==> flow/design.v <==
module summer_stage #(
    parameter integer DW = 7
) (
    input clk,
    input valid,
    input [DW-1:0] i_u,
    input [DW-1:0] i_v,
    output reg [DW:0] o_o
);
    reg [DW-1:0] r_u;
    reg [DW-1:0] r_v;
    always @(posedge clk) begin
        if (valid) begin
            r_u <= i_u;
            r_v <= i_v;
        end
    end
    localparam LO_W = DW / 2;
    reg [LO_W:0] r_lo;
    reg [DW-LO_W-1:0] r_u_hi;
    reg [DW-LO_W-1:0] r_v_hi;
    always @(posedge clk) begin
        if (valid) begin
            r_lo <= r_u[LO_W-1:0] + r_v[LO_W-1:0];
            r_u_hi <= r_u[DW-1:LO_W];
            r_v_hi <= r_v[DW-1:LO_W];
        end
    end
    wire [DW-LO_W:0] msb = r_u_hi + r_v_hi + r_lo[LO_W];
    always @(posedge clk) begin
        if (valid) begin
            o_o <= {msb, r_lo[LO_W-1:0]};
        end
    end
endmodule
Tool chain data of summer_stage --
The steps from the RTL of summer_stage to its reports follow in flow order. Lines are those of the file above, counted from 1. Library cell names are shortened. A cell with - has no value.
Set-up: top summer_stage, clock clk, cell library sky130hd, corner tt_025C_1v80

Word level --
Counts by Yosys on the flattened word-level netlist (proc, flatten, opt, wreduce; memories kept). Register bits leave out memories and registers merged into their read ports (data or address); mux counts leave out enables and synchronous resets folded into registers. Print and check cells are left out. Cells with the same type and inputs are merged into one.
Bit counts: bits in registers 34, latch bits 0, RAM bits 0, ROM bits 0, clocked read ports x word width 0, memories kept 0, input port bits 16, output and inout port bits 8, cells after elaboration 9
Cells by class: add/subtract/negate cells 3, multiply operators 0, divide/modulo/power cells 0, order comparisons 0, equal/unequal tests 0, shift-type cells 0, multiplexer cells 0, bitwise operators 0, reductions and logical operators 0
Operators with widths (number):
- 4-bit by 4-bit adder with 5-bit output | 1
- 5-bit by 1-bit adder with 5-bit output | 1
- 3-bit by 3-bit adder with 4-bit output | 1

Logic depth --
Depth = most cells in a row (Yosys ltp): at word level without a register or memory, in the mapped netlist without a sequential cell, where the memories' decode and read muxes count.
Logic depth: depth in word-level cells 2, ABC_AREA 1, depth in mapped cells 5, mapped depth without buffers 5

Synthesis result --
Yosys stat after the flow's synthesis: flattened, memories mapped to cells. It holds for the ABC_AREA given above (unset counts as 0); a run with the other value may have another netlist.
Cells by type:
- edfxtp_1 | number 34, area in all 1.02E+03 µm²
- ha_1 | number 6, area in all 75.072 µm²
- fa_1 | number 3, area in all 60.058 µm²
- inv_1 | number 10, area in all 37.536 µm²
- nand2_1 | number 5, area in all 18.768 µm²
- xnor2_1 | number 2, area in all 17.517 µm²
- nand3_1 | number 3, area in all 15.014 µm²
- a21oi_1 | number 2, area in all 10.01 µm²
- nand4_1 | number 1, area in all 6.256 µm²
- o21ai_0 | number 1, area in all 5.005 µm²
Mapped netlist: cell count 67, mapped area 1266.2 µm², sequential part of the area 1021.0 µm², flip-flop cells 34, buffers 0

Path before layout --
OpenSTA on the mapped netlist: ideal clock, no wires. The path of least setup slack (recovery checks aside). Input and output delay are each 20% of the period. Register names are those of the netlist, which keeps one name where synthesis merged equal registers.
Path after synthesis: path kind register -> register, from register r_lo[3], to register o_o[4], period 1950 ps, library setup time 129 ps, launch time at the first pin 0 ps, arrival 1325 ps, required time 1821 ps, slack 496 ps, path delay 1454 ps, driving pins on the path 5, path buffers 0, period reached after synthesis 1454 ps
"path delay" = arrival - input delay + setup time. "driving pins on the path": output pins that drive a net of the path, with the launching flip-flop's if there is one; two outputs of one cell count as two. "period reached after synthesis" is the clock period less the worst setup slack; recovery checks do not enter. This is arithmetic on one report: input and output delays are still those of the set period (20% each). The rows between start and end are the longest chain of elaborated cells between them; the timing report does not say that the signal goes this way. Where chains are equally long, one stands for them. A line is the first line of the expression or statement that the cell stems from. Yosys adds cells for indexed reads and writes and turns some case tables into memories.
Between the ends, after synthesis: cell sequence edfxtp_1 fa_1 inv_1 fa_1 inv_1, cells in the longest elaborated chain 1, elaborated cells between the ends (all ways) 1, RTL lines with such cells 1, classes of those cells add/sub (1)
RTL lines, path after synthesis:
- start, declared | RTL line 19 | reg [LO_W:0] r_lo;
- start, assigned | RTL line 24 | r_lo <= r_u[LO_W-1:0] + r_v[LO_W-1:0];
- 5-bit by 1-bit adder with 5-bit output | RTL line 29 | wire [DW-LO_W:0] msb = r_u_hi + r_v_hi + r_lo[LO_W];
- end, assigned | RTL line 32 | o_o <= {msb, r_lo[LO_W-1:0]};
- end, declared | RTL line 8 | output reg [DW:0] o_o

Timing after layout --
From the final timing report of flow run A: the path of least setup slack in the routed layout; clock arrival at registers is part of the times. The report prints the path's times to 10 ps; the period is as set.
Path post-layout: path kind register -> register, from register r_lo[3], to register o_o[4], period 1460 ps, library setup time 120 ps, launch time at the first pin 280 ps, arrival 1600 ps, required time 1620 ps, slack 10 ps, driving pins on the path 5, path buffers 0
The rows between start and end are the longest chain of elaborated cells between them; the timing report does not say that the signal goes this way. Where chains are equally long, one stands for them.
Between the ends, post-layout: cell sequence edfxtp_1 fa_2 inv_2 fa_1 inv_1, cells in the longest elaborated chain 1, elaborated cells between the ends (all ways) 1, RTL lines with such cells 1, classes of those cells add/sub (1)
RTL lines, path post-layout:
- start, declared | RTL line 19 | reg [LO_W:0] r_lo;
- start, assigned | RTL line 24 | r_lo <= r_u[LO_W-1:0] + r_v[LO_W-1:0];
- 5-bit by 1-bit adder with 5-bit output | RTL line 29 | wire [DW-LO_W:0] msb = r_u_hi + r_v_hi + r_lo[LO_W];
- end, assigned | RTL line 32 | o_o <= {msb, r_lo[LO_W-1:0]};
- end, declared | RTL line 8 | output reg [DW:0] o_o

Hand-over note for summer_stage

3 stored runs of summer_stage in the flow (synthesis by Yosys, layout by OpenROAD, sky130hd cells), in arbitrary order. Constraints: input delay and output delay 20% of the set period each, output load 0.01 pF.
"achieved clock period" is the run's clock period less its worst setup slack. It is reckoned from that one timing run; input and output delays stay at 20% of the period that was set.
"worst setup path time": the worst setup path's part of the clock period (all of it between registers, 20% less for each end at a port) less its slack. A launch clock that arrives late makes it longer, a capture clock that arrives late makes it shorter.
"power" is the tool's figure for a default switching activity; nothing was simulated.
"worst setup path time" is known to 10 ps.
[flow run A] settings: period_ns=1.46, CORE_UTILIZATION=27, PLACE_DENSITY_LB_ADDON=0.2, TNS_END_PERCENT=65, ABC_AREA=1, GPL_TIMING_DRIVEN=1, CAP_MARGIN=20, CORE_MARGIN=2, SLEW_MARGIN=20
[flow run A] result: chip area after synthesis (Yosys) 1266.2 µm², die area 5253.4 µm², standard-cell area of the final layout 1675.4 µm², utilization 37.7 %, worst setup slack after layout 15 ps, total negative slack 0 ps, worst hold slack 415 ps, power 2.076 mW, achieved clock period 1445 ps, worst setup path time 1450 ps, worst setup path kind register -> register
[flow run B] settings: period_ns=1.95, CAP_MARGIN=20, CORE_MARGIN=2, CORE_UTILIZATION=40, SLEW_MARGIN=20
[flow run B] result: chip area after synthesis (Yosys) 1261.2 µm², die area 3618.0 µm², standard-cell area of the final layout 1616.5 µm², utilization 53.4 %, worst setup slack after layout 303 ps, total negative slack 0 ps, worst hold slack 428 ps, power 1.434 mW, achieved clock period 1647 ps, worst setup path time 1650 ps, worst setup path kind register -> register
[flow run C] settings: period_ns=2.42, CORE_UTILIZATION=66, PLACE_DENSITY_LB_ADDON=0.1, CORE_MARGIN=6, CELL_PAD_IN_SITES_GLOBAL_PLACEMENT=2, CELL_PAD_IN_SITES_DETAIL_PLACEMENT=2, ABC_AREA=1, GPL_TIMING_DRIVEN=1, CTS_CLUSTER_SIZE=28, SLEW_MARGIN=40, MIN_ROUTING_LAYER=met2, CAP_MARGIN=20
[flow run C] result: did not finish, placement stopped with FLW-0024

End of note.
